==> flow/design.v <==
module core_mux_stage #(
    parameter DATA_WIDTH = 24,
    parameter N = 3,
    parameter SEL_W = $clog2(N)
) (
    input  clk_i,
    input  nrst,
    input  [N*DATA_WIDTH-1:0] i_in,
    input  [SEL_W-1:0] i_pick,
    output reg [DATA_WIDTH-1:0] o_res
);
    wire [N-1:0] hot;
    assign hot = {{(N-1){1'b0}}, 1'b1} << i_pick;
    reg [DATA_WIDTH-1:0] nxt;
    integer i;
    always @(*) begin
        nxt = 0;
        for (i = 0; i < N; i = i + 1)
            nxt = nxt | (i_in[i*DATA_WIDTH +: DATA_WIDTH] & {DATA_WIDTH{hot[i]}});
    end
    always @(posedge clk_i or negedge nrst) begin
        if (~nrst) begin
            o_res <= 0;
        end else begin
            o_res <= nxt;
        end
    end
endmodule
# Reports on core_mux_stage

The steps from the RTL of core_mux_stage to its reports follow in flow order.
Lines are those of the file above, counted from 1.
Operators carry their Yosys type and port widths (W data, S select, Z words).
Library cell names are shortened.
The mark n/a stands for no value.

Top: core_mux_stage
Clock input: clk_i
Library: sky130hd
Corner: tt_025C_1v80

# Word level

Yosys after proc, flatten, opt, wreduce and memory -nomap, before mapping. Enables and synchronous resets that opt folds into registers are not counted as muxes. Memory bits, and registers merged into a memory's read port (data or address), are not among the register bits. Print and check cells are not counted. Equal cells are merged and count once.

Bits of input ports: 76
Word-level cells: 7
Register bits after elaboration: 24

Shifts and indexed selects: 1
Bitwise gates (word level): 5

Operator list:

| cell                  | number |
| $and A24 B24 Y24      | 3 |
| $or A24 B24 Y24       | 2 |
| $shl A1 B2 Y3 const A | 1 |

# Logic depth

Longest topological path by Yosys (ltp), each cell counted once; first at word level (registers and memories cut), then after technology mapping (sequential cells cut; the memories' decode and read muxes count).

Depth after elaboration: 4
ABC_AREA: 0
Depth in mapped cells: 5
Mapped depth without buffers: 2

# Mapped cells and area

Source: synth_stat.txt of the flow (Yosys; design flattened, memories mapped). It holds for the ABC_AREA given above (unset counts as 0); a run with the other value may have another netlist.

Cell area after synthesis: 1,296.2 um^2
Flip-flops: 24
Buffer cells: 9
Area of sequential cells: 600.6 um^2
Standard cells after synthesis: 82

Cell types:

| type      | number |
| dfrtp_1   | 24 |
| o2bb2ai_2 | 20 |
| mux2i_1   | 24 |
| buf_6     | 5 |
| buf_12    | 2 |
| o2bb2ai_1 | 4 |
| nor2b_4   | 1 |
| buf_2     | 2 |

# Path before layout

Source: OpenSTA report_checks on the synthesized netlist (no wires, ideal clock, input and output delay 20% of the period each), path of least setup slack; recovery checks are left aside. Register names are those of the netlist, which keeps one name where synthesis merged equal registers.

Kind: input -> register
Start: input i_pick[1]
End: register o_res[10]
Stages on the path: 5
Library setup time: 0.122 ns
Period: 1.1 ns
Path delay: 0.703 ns
Path slack: 0.176 ns
External input delay: 0.220 ns
Launch time at the first pin: 0.220 ns
Required time: 0.978 ns
Arrival time: 0.801 ns
Synthesis period reached: 0.924 ns

"path delay" = arrival - input delay + setup time.
"stages on the path" counts driving pins, that of a launching flip-flop among them; a cell with two outputs on the path counts twice.
"synthesis period reached" = period - worst setup slack (recovery checks aside). The figure is calculated, with input and output delays left at 20% of the set period.
Between the ends stands the longest chain of elaborated cells between them, by number of cells; it is not shown to be the way that was timed. Of several equally long chains one is given.
A line is the first line of the expression or statement that the cell stems from. Yosys adds cells for indexed reads and writes and turns some case tables into memories.

Cells stage by stage: buf_6 -> nor2b_4 -> buf_6 -> buf_12 -> o2bb2ai_2
Length of the longest elaborated chain: 4

RTL lines, path after synthesis:

| what               | RTL line | text |
| from (decl)        | 9        | `input  [SEL_W-1:0] i_pick,` |
| $shl A1 B2 Y3      | 13       | `assign hot = {{(N-1){1'b0}}, 1'b1} << i_pick;` |
| $and A24 B24 Y24   | 19       | `nxt = nxt \| (i_in[i*DATA_WIDTH +: DATA_WIDTH] & {DATA_WIDTH{hot[i]}});` |
| $or A24 B24 Y24 x2 | 19       |  |
| to (assign)        | 23       | `o_res <= 0;` |
| to (assign)        | 25       | `o_res <= nxt;` |
| to (decl)          | 10       | `output reg [DATA_WIDTH-1:0] o_res` |

# Timing after layout

Path of least setup slack in the final report of stored run 3 (OpenROAD, finished layout, wires in). Where an end is a register, its clock arrival counts in the times.

Kind: register -> output
Start: register o_res[1]
End: output o_res[1]
Required time: 0.88 ns
Arrival time: 0.86 ns
Path slack: 0.02 ns
Stages on the path: 2
External output delay: 0.22 ns
Launch time at the first pin: 0.31 ns
Period: 1.1 ns

Cells stage by stage: dfrtp_1 -> buf_2
Length of the longest elaborated chain: 0

RTL lines, path after layout:

| what          | RTL line | text |
| from (decl)   | 10       | `output reg [DATA_WIDTH-1:0] o_res` |
| from (assign) | 23       | `o_res <= 0;` |
| from (assign) | 25       | `o_res <= nxt;` |
| to (decl)     | 10       |  |

Memo
Re: implementation data of core_mux_stage

3 stored runs of core_mux_stage in the flow (synthesis by Yosys, layout by OpenROAD, sky130hd cells), in arbitrary order. Constraints: input delay and output delay 20% of the set period each, output load 0.01 pF.
"time used up by the worst setup path" means the part of the period allowed to the worst setup path (the constraints hold back 20% at inputs and 20% at outputs) less its slack; where the path has registers, the arrival times of their clocks count too.
"power" rests on the timing tool's default activity at the inputs, not on a simulated workload.
Among the settings, -- means not set for that run.
Among the results, -- means that no value is shown for the run.

| item                                      | stored run 1 | stored run 2 | stored run 3       |
| period_ns                                 | 0.797        | 1.61         | 1.1                |
| CORE_UTILIZATION                          | 46           | 42           | 40                 |
| PLACE_DENSITY_LB_ADDON                    | 0.25         | 0.3          | --                 |
| CELL_PAD_IN_SITES_GLOBAL_PLACEMENT        | 2            | 2            | --                 |
| CELL_PAD_IN_SITES_DETAIL_PLACEMENT        | 1            | --           | --                 |
| ABC_AREA                                  | 0            | --           | --                 |
| CAP_MARGIN                                | 20           | 20           | 20                 |
| CORE_MARGIN                               | 2            | 3            | 2                  |
| SLEW_MARGIN                               | 20           | 20           | 20                 |
| SETUP_SLACK_MARGIN                        | --           | 0.32         | --                 |
| CORE_ASPECT_RATIO                         | --           | 1.6          | --                 |
| worst setup slack after layout (ns)       | --           | --           | 0.021              |
| power (mW)                                | --           | --           | 2.129              |
| time used up by the worst setup path (ns) | --           | --           | 0.86               |
| kind of the worst setup path              | --           | --           | register -> output |
| standard-cell area after routing (um^2)   | --           | --           | 2,303.5            |
| total die area (um^2)                     | --           | --           | 3,711.9            |
| utilization in the final report           | --           | --           | 0.748              |
| setup TNS (ns)                            | --           | --           | 0.000              |
| synthesized cell area (um^2)              | --           | --           | 1,296.2            |

Stored run 1: no final report: placement broke off with FLW-0024
Stored run 2: no final report: placement broke off with FLW-0024
